==> flow/design.v <==
module addsub_blk #(
  parameter NBITS = 56
) (
  input aclk,
  input srst,
  input [NBITS-1:0] in0,
  input [NBITS-1:0] in1,
  output [NBITS-1:0] result,
  output borrow
);
  reg [NBITS-1:0] in0_d1;
  reg [NBITS-1:0] in1_d1;
  always @(posedge aclk or posedge srst) begin
    if (srst) begin
      in0_d1 <= 0;
      in1_d1 <= 0;
    end else begin
      in0_d1 <= in0;
      in1_d1 <= in1;
    end
  end
  wire [NBITS:0] nxt;
  assign nxt = {1'b0, in0_d1} - {1'b0, in1_d1};
  assign result = nxt[NBITS-1:0];
  assign borrow = nxt[NBITS];
endmodule
# Step by step through the tools: addsub_blk
# The steps from the RTL of addsub_blk to its reports follow in flow order.
# Line numbers count from 1 in the design file above.
# Operators: Yosys type, input widths -> output width; for muxes data width and select width s.
# Cell names lack the library's common part.
# The mark - stands for no value.
# design
top_module	addsub_blk
clock_port	aclk
library	sky130hd
lib_corner	tt_025C_1v80

# After elaboration
# Yosys after proc, flatten, opt, wreduce and memory -nomap, before mapping. Enables and synchronous resets that opt folds into registers are not counted as muxes. Memory bits, and registers merged into a memory's read port (data or address), are not among the register bits. Print and check cells are not counted. Equal cells are merged and count once.
# word_totals
out_inout_bits	57
inputBits	114
regBits	112
# op_classes
addsub	1
# op_table
cell	count
$sub 56x56->57	1

# Depth
# Depth = most cells in a row (Yosys ltp): at word level without a register or memory, in the mapped netlist without a sequential cell, where the memories' decode and read muxes count.
# logic_depth
ltp_word	1
ABC_AREA	0
ltp_mapped	12
ltp_nobuf	12

# Mapped cells and area
# Yosys stat after the flow's synthesis: flattened, memories mapped to cells. It holds for the ABC_AREA given above (unset counts as 0); a run with the other value may have another netlist.
# types
type	count	type_area_um2
dfrtp_1	112	2.8E+03
ha_1	56	700.672
a21oi_1	71	355.341
inv_1	78	292.781
xnor2_1	32	280.269
nand2_1	54	202.694
xor2_1	21	183.926
a21o_1	24	180.173
o21ai_0	33	165.158
nor2_1	30	112.608
o21bai_1	13	97.594
nand4_1	14	87.584
clkbuf_1	19	71.318
nand3_1	12	60.058
o21a_1	7	52.55
nor3_1	10	50.048
nand2b_1	7	43.792
o21ai_1	8	40.038
# Not listed: further types 29, cells in them 63.
# mapped
cells	664
synth_area_mm2	0.0063211
seq_area_mm2	0.0028027
ffs	112

# Worst setup path after synthesis
# OpenSTA on the mapped netlist: ideal clock, no wires. The path of least setup slack (recovery checks aside). Input and output delay are each 20% of the period. Register names are those of the netlist, which keeps one name where synthesis merged equal registers.
# synth_path
path_type	register to output
start	register in0_d1[0]
end	output port result[52]
period_ps	4410
required_time_ps	3528
output_delay_ps	882
arrival_ps	2821
launch_ps	0
slack_ps	707
path_stages	13
delay_ps	2821
period_less_setup_slack_ps	3703
# "delay_ps" = arrival - input delay + setup time.
# A path that ends at an output port has no setup time.
# "path_stages" counts driving pins, that of a launching flip-flop among them; a cell with two outputs on the path counts twice.
# "period_less_setup_slack_ps" is the clock period less the worst setup slack; recovery checks do not enter. This is arithmetic on one report: input and output delays are still those of the set period (20% each).
# Between the ends stands the longest chain of elaborated cells between them, by number of cells; it is not shown to be the way that was timed. Of several equally long chains one is given.
# Each line given opens the expression or statement behind the cell; cells for indexed reads and writes are added by Yosys, which also makes memories of some case tables.
# synth_via
path_cell_list	dfrtp_1 inv_1 ha_1 fa_1 nand2b_1 a21o_1 a211oi_2 o21ai_1 o31a_1 o41a_4 o31ai_4 a21oi_1 xnor2_1
elab_chain_cells	1
cone_cells	1
cone_classes	add/sub: 1
# synth_rtl
element	line_no	text
start, declared	11	reg [NBITS-1:0] in0_d1;
start, assigned	15	in0_d1 <= 0;
start, assigned	18	in0_d1 <= in0;
$sub 56x56->57	23	assign nxt = {1'b0, in0_d1} - {1'b0, in1_d1};
end, declared	8	output [NBITS-1:0] result,

# Timing after layout
# Path of least setup slack in the final report of flow run A (OpenROAD, finished layout, wires in). Where an end is a register, its clock arrival counts in the times.
# The path's times are printed in steps of 10 ps; the period is the one set.
# layout_path
path_type	register to output
start	register in0_d1[0]
end	output port result[48]
output_delay_ps	990
arrival_ps	3820
path_stages	13
launch_ps	370
required_time_ps	3960
period_ps	4950
slack_ps	140
# Between the ends stands the longest chain of elaborated cells between them, by number of cells; it is not shown to be the way that was timed. Of several equally long chains one is given.
# layout_via
path_cell_list	dfrtp_1 inv_1 ha_1 fa_1 nand2b_1 a21o_1 a211oi_2 o21ai_2 o31a_1 o41a_4 o31ai_4 xnor2_1 clkdlybuf4s50_1
elab_chain_cells	1
cone_cells	1
cone_classes	add/sub: 1
# layout_rtl
element	line_no	text
start, declared	11	reg [NBITS-1:0] in0_d1;
start, assigned	15	in0_d1 <= 0;
start, assigned	18	in0_d1 <= in0;
$sub 56x56->57	23	assign nxt = {1'b0, in0_d1} - {1'b0, in1_d1};
end, declared	8	output [NBITS-1:0] result,

Design addsub_blk on sky130hd. What follows are 3 stored runs of the flow, each under its own settings; their order means nothing. The constraints put input and output delay at 20% of the set period each and load the outputs with 0.01 pF.
"timing.achieved_period_ps": clock period set for the run, less the worst setup slack. It is reckoned from that one timing run; input and output delays stay at 20% of the period that was set.

Flow run A, flow files:
==> flow/run.sh <==
#!/bin/bash
# the make line also repeats the synthesis and layout settings of config.mk as NAME=value (left out here)
make -C /OpenROAD-flow-scripts/flow DESIGN_CONFIG=/design/flow/config.mk WORK_HOME=/design/flow/orfs CLKGATE_MAP_FILE= finish
==> flow/config.mk <==
export PLATFORM = sky130hd
export DESIGN_NAME = addsub_blk
export DESIGN_NICKNAME = addsub_blk
export VERILOG_FILES = /design/flow/design.v
export SDC_FILE = /design/flow/constraint.sdc
export NUM_CORES = 4
export LEC_CHECK = 0
export CAP_MARGIN = 20
export CORE_MARGIN = 2
export CORE_UTILIZATION = 51
export GPL_ROUTABILITY_DRIVEN = 0
export MIN_ROUTING_LAYER = met2
export PLACE_DENSITY_LB_ADDON = 0.11
export SLEW_MARGIN = 20
==> flow/constraint.sdc <==
create_clock -name core_clock -period 4.95 [get_ports {aclk}]
set_input_delay 0.9900 -clock core_clock [delete_from_list [all_inputs] [get_ports {aclk}]]
set_output_delay 0.9900 -clock core_clock [all_outputs]
set_load 0.01 [all_outputs]

==> results of flow run A, as CSV <==
result,value
ys_area_mm2,0.0063211
design.die.area_mm2,0.013301
timing.achieved_period_ps,4813
finalUtil_frac,0.71
worst_setup_slack_ps,137
holdWs_ps,1049

Flow run B, flow files:
==> flow/run.sh <==
#!/bin/bash
# the make line also repeats the synthesis and layout settings of config.mk as NAME=value (left out here)
make -C /OpenROAD-flow-scripts/flow DESIGN_CONFIG=/design/flow/config.mk WORK_HOME=/design/flow/orfs CLKGATE_MAP_FILE= finish
==> flow/config.mk <==
export PLATFORM = sky130hd
export DESIGN_NAME = addsub_blk
export DESIGN_NICKNAME = addsub_blk
export VERILOG_FILES = /design/flow/design.v
export SDC_FILE = /design/flow/constraint.sdc
export NUM_CORES = 4
export LEC_CHECK = 0
export CAP_MARGIN = 40
export CELL_PAD_IN_SITES_GLOBAL_PLACEMENT = 0
export CORE_MARGIN = 2
export CORE_UTILIZATION = 20
export PLACE_DENSITY_LB_ADDON = 0.2
export SLEW_MARGIN = 20
==> flow/constraint.sdc <==
create_clock -name core_clock -period 3.19 [get_ports {aclk}]
set_input_delay 0.6380 -clock core_clock [delete_from_list [all_inputs] [get_ports {aclk}]]
set_output_delay 0.6380 -clock core_clock [all_outputs]
set_load 0.01 [all_outputs]

==> results of flow run B, as CSV <==
result,value
ys_area_mm2,0.0063211
design.die.area_mm2,0.033044
timing.achieved_period_ps,4070
finalUtil_frac,0.358
worst_setup_slack_ps,-880
holdWs_ps,699

Flow run C, flow files:
==> flow/run.sh <==
#!/bin/bash
# the make line also repeats the synthesis and layout settings of config.mk as NAME=value (left out here)
make -C /OpenROAD-flow-scripts/flow DESIGN_CONFIG=/design/flow/config.mk WORK_HOME=/design/flow/orfs CLKGATE_MAP_FILE= finish
==> flow/config.mk <==
export PLATFORM = sky130hd
export DESIGN_NAME = addsub_blk
export DESIGN_NICKNAME = addsub_blk
export VERILOG_FILES = /design/flow/design.v
export SDC_FILE = /design/flow/constraint.sdc
export NUM_CORES = 4
export LEC_CHECK = 0
export CAP_MARGIN = 20
export CORE_MARGIN = 2
export CORE_UTILIZATION = 40
export SLEW_MARGIN = 20
==> flow/constraint.sdc <==
create_clock -name core_clock -period 4.41 [get_ports {aclk}]
set_input_delay 0.8820 -clock core_clock [delete_from_list [all_inputs] [get_ports {aclk}]]
set_output_delay 0.8820 -clock core_clock [all_outputs]
set_load 0.01 [all_outputs]

==> results of flow run C, as CSV <==
result,value
ys_area_mm2,0.0063211
design.die.area_mm2,0.0168247
timing.achieved_period_ps,4306
finalUtil_frac,0.576
worst_setup_slack_ps,104
holdWs_ps,947
